==> flow/design.v <==
module mpy_top #(
  parameter DW = 10
) (
  input  CLK,
  input  aresetn,
  input  [DW-1:0] op_a_i,
  input  [DW-1:0] op_b_i,
  output [DW-1:0] result_o
);
  reg [DW-1:0] op_a_r;
  reg [DW-1:0] op_b_r;
  reg [DW-1:0] result_r;
  assign result_o = result_r;
  always @(posedge CLK) begin
    if (!aresetn) begin
      op_a_r <= 0;
      op_b_r <= 0;
      result_r <= 0;
    end else begin
      op_a_r <= op_a_i;
      op_b_r <= op_b_i;
      result_r <= op_a_r * op_b_r;
    end
  end
endmodule
# [Tool chain data of mpy_top]
# Tool output for the design above, in the order of the flow.
# Lines are those of the file above, counted from 1.
# Operators: Yosys type, input widths -> output width; for muxes data width and select width s.
# Library cell names are shortened.
# The mark -- stands for no value.
[setup] top="mpy_top" clk_port="CLK" library="sky130hd" lib_corner="tt_025C_1v80"

# [Word-level counts]
# Source: Yosys, flattened and elaborated, memories not mapped. Widths are those after wreduce; folded enables and synchronous resets count as part of the registers. Registers that Yosys merges into a memory's read port (data or address) are not register bits. Print and check cells do not count. Equal cells are merged and count once.
[classes] logic=0 reduce_logical=0 eq_ne=0 n_div=0 n_addsub=0 n_shift=0 muxes=0 n_mul=1 n_cmp=0
[ops] operator="$mul 10x10->10" count=1
[word_totals] word_cells=4 romBits=0 latch_bits=0 in_bits=22 mem_count=0 regBits=30 mem_bits_rw=0 clocked_rd_ports_x_width=0

# [Depth]
# Yosys ltp: most cells in a row. Word level: on the elaborated netlist, between registers, memories and ports. Mapped: between sequential cells and ports; inverters and the memories' decode and read muxes count.
[logic_depth] ltp_word=1 abc_area=0 ltp_mapped=17 depth_no_buf=16

# [After synthesis]
# Source: synth_stat.txt of the flow (Yosys; design flattened, memories mapped). It holds for the ABC_AREA given above (unset counts as 0); a run with the other value may have another netlist.
# Totals and module areas in this step are rounded.
[by_type] cell="dfxtp_1" count=30 type_area_um2=600.576
[by_type] cell="fa_1" count=22 type_area_um2=440.422
[by_type] cell="ha_1" count=24 type_area_um2=300.288
[by_type] cell="and2_1" count=40 type_area_um2=250.24
[by_type] cell="nand2_1" count=37 type_area_um2=138.883
[by_type] cell="inv_1" count=33 type_area_um2=123.869
[by_type] cell="xnor2_1" count=13 type_area_um2=113.859
[by_type] cell="xnor2_2" count=3 type_area_um2=48.797
[by_type] cell="and2_2" count=5 type_area_um2=37.536
[by_type] cell="xor2_1" count=3 type_area_um2=26.275
[by_type] cell="xnor3_1" count=1 type_area_um2=22.522
[by_type] cell="and3b_1" count=2 type_area_um2=17.517
[by_type] cell="a21oi_1" count=3 type_area_um2=15.014
[by_type] cell="o21ai_0" count=3 type_area_um2=15.014
[by_type] cell="clkbuf_1" count=3 type_area_um2=11.261
[by_type] cell="nor2_1" count=3 type_area_um2=11.261
[by_type] cell="a21o_1" count=1 type_area_um2=7.507
[by_type] cell="o21bai_1" count=1 type_area_um2=7.507
# Not listed: further types 8, cells in them 8.
[synth_totals] mapped_cells=235 mapped_area_um2=2240 ff_cells=30 seqArea_um2=601

# [Path before layout]
# OpenSTA on the mapped netlist: ideal clock, no wires. The path of least setup slack (recovery checks aside). Input and output delay are each 20% of the period. Register names are those of the netlist, which keeps one name where synthesis merged equal registers.
[synth_timing] path_kind="reg2reg" start="reg op_b_r[3]" end="reg result_r[9]" setup_slack_ps=1082 launch_ps=0 tclk_ps=5410 t_arrival_ps=4213 delay_ps=4328 n_path_buf=0 stages=17 period_less_setup_slack_ps=4328
# "delay_ps" is the arrival time less input delay plus setup time.
# "stages": output pins that drive a net of the path, with the launching flip-flop's if there is one; two outputs of one cell count as two.
# "period_less_setup_slack_ps" = period - worst setup slack (recovery checks aside). The figure is calculated, with input and output delays left at 20% of the set period.
# The rows between start and end are the longest chain of elaborated cells between them; the timing report does not say that the signal goes this way. Where chains are equally long, one stands for them.
# Each line given opens the expression or statement behind the cell; cells for indexed reads and writes are added by Yosys, which also makes memories of some case tables.
[synth_between] path_cell_list="dfxtp_1 nand2_1 fa_1 inv_1 fa_1 inv_1 fa_1 inv_1 fa_1 inv_1 fa_1 xnor2_1 xnor2_1 xnor2_1 xnor2_1 xnor3_1 and2_1" elab_chain_len=1
[synth_lines] element="start, declared" line_no=11 rtl="reg [DW-1:0] op_b_r;"
[synth_lines] element="start, assigned" line_no=17 rtl="op_b_r <= 0;"
[synth_lines] element="start, assigned" line_no=21 rtl="op_b_r <= op_b_i;"
[synth_lines] element="$mul 10x10->10" line_no=22 rtl="result_r <= op_a_r * op_b_r;"
[synth_lines] element="end, assigned" line_no=18 rtl="result_r <= 0;"
[synth_lines] element="end, assigned" line_no=22
[synth_lines] element="end, declared" line_no=12 rtl="reg [DW-1:0] result_r;"

# [Timing after layout]
# Path of least setup slack in the final report of entry A (OpenROAD, finished layout, wires in). Where an end is a register, its clock arrival counts in the times.
# The report prints the path's times to 10 ps; the period is as set.
[layout_timing] path_kind="reg2reg" start="reg op_b_r[3]" end="reg result_r[9]" stages=17 tclk_ps=5410 setup_slack_ps=790 t_arrival_ps=4800 launch_ps=280 n_path_buf=0
# The rows between start and end are the longest chain of elaborated cells between them; the timing report does not say that the signal goes this way. Where chains are equally long, one stands for them.
[layout_between] path_cell_list="dfxtp_1 nand2_1 fa_1 inv_1 fa_1 inv_1 fa_1 inv_1 fa_1 inv_1 fa_1 xnor2_1 xnor2_1 xnor2_1 xnor2_1 xnor3_1 and2_1" elab_chain_len=1
[layout_lines] element="start, declared" line_no=11 rtl="reg [DW-1:0] op_b_r;"
[layout_lines] element="start, assigned" line_no=17 rtl="op_b_r <= 0;"
[layout_lines] element="start, assigned" line_no=21 rtl="op_b_r <= op_b_i;"
[layout_lines] element="$mul 10x10->10" line_no=22 rtl="result_r <= op_a_r * op_b_r;"
[layout_lines] element="end, assigned" line_no=18 rtl="result_r <= 0;"
[layout_lines] element="end, assigned" line_no=22
[layout_lines] element="end, declared" line_no=12 rtl="reg [DW-1:0] result_r;"

# mpy_top through Yosys and OpenROAD on sky130hd: 3 stored runs, unordered, with their settings and measured results. The constraints put input and output delay at 20% of the set period each and load the outputs with 0.01 pF.
# The measured numbers are rounded.
run="entry A" settings period_ns=5.41 CAP_MARGIN=20 CORE_MARGIN=2 CORE_UTILIZATION=40 SLEW_MARGIN=20
run="entry A" results timing.hold.ws_ps=662 tns_ps=0 worstSetupSlack_ps=790 finish.utilization_pct=49.9 ys_area_um2=2240 die_footprint_um2=6200
run="entry B" settings period_ns=4.7 CORE_UTILIZATION=24 SETUP_SLACK_MARGIN=0.9 PLACE_DENSITY_LB_ADDON=0.07 CELL_PAD_IN_SITES_GLOBAL_PLACEMENT=1 CELL_PAD_IN_SITES_DETAIL_PLACEMENT=0 TNS_END_PERCENT=95 ABC_AREA=1 CTS_CLUSTER_DIAMETER=353 CAP_MARGIN=5 MAX_ROUTING_LAYER="met4" CORE_MARGIN=2 SLEW_MARGIN=20
run="entry B" results finish.utilization_pct=32.8 worstSetupSlack_ps=647 ys_area_um2=2450 timing.hold.ws_ps=597 die_footprint_um2=11000 tns_ps=0
run="entry C" settings period_ns=8.11 CORE_UTILIZATION=55 SETUP_SLACK_MARGIN=0.39 PLACE_DENSITY_LB_ADDON=0.04 CORE_ASPECT_RATIO=1.59 CELL_PAD_IN_SITES_GLOBAL_PLACEMENT=1 CELL_PAD_IN_SITES_DETAIL_PLACEMENT=2 TNS_END_PERCENT=35 GPL_TIMING_DRIVEN=1 CTS_CLUSTER_SIZE=62 MAX_ROUTING_LAYER="met5" CAP_MARGIN=20 CORE_MARGIN=2 SLEW_MARGIN=20
run="entry C" outcome="incomplete, placement halted on DPL-0033"
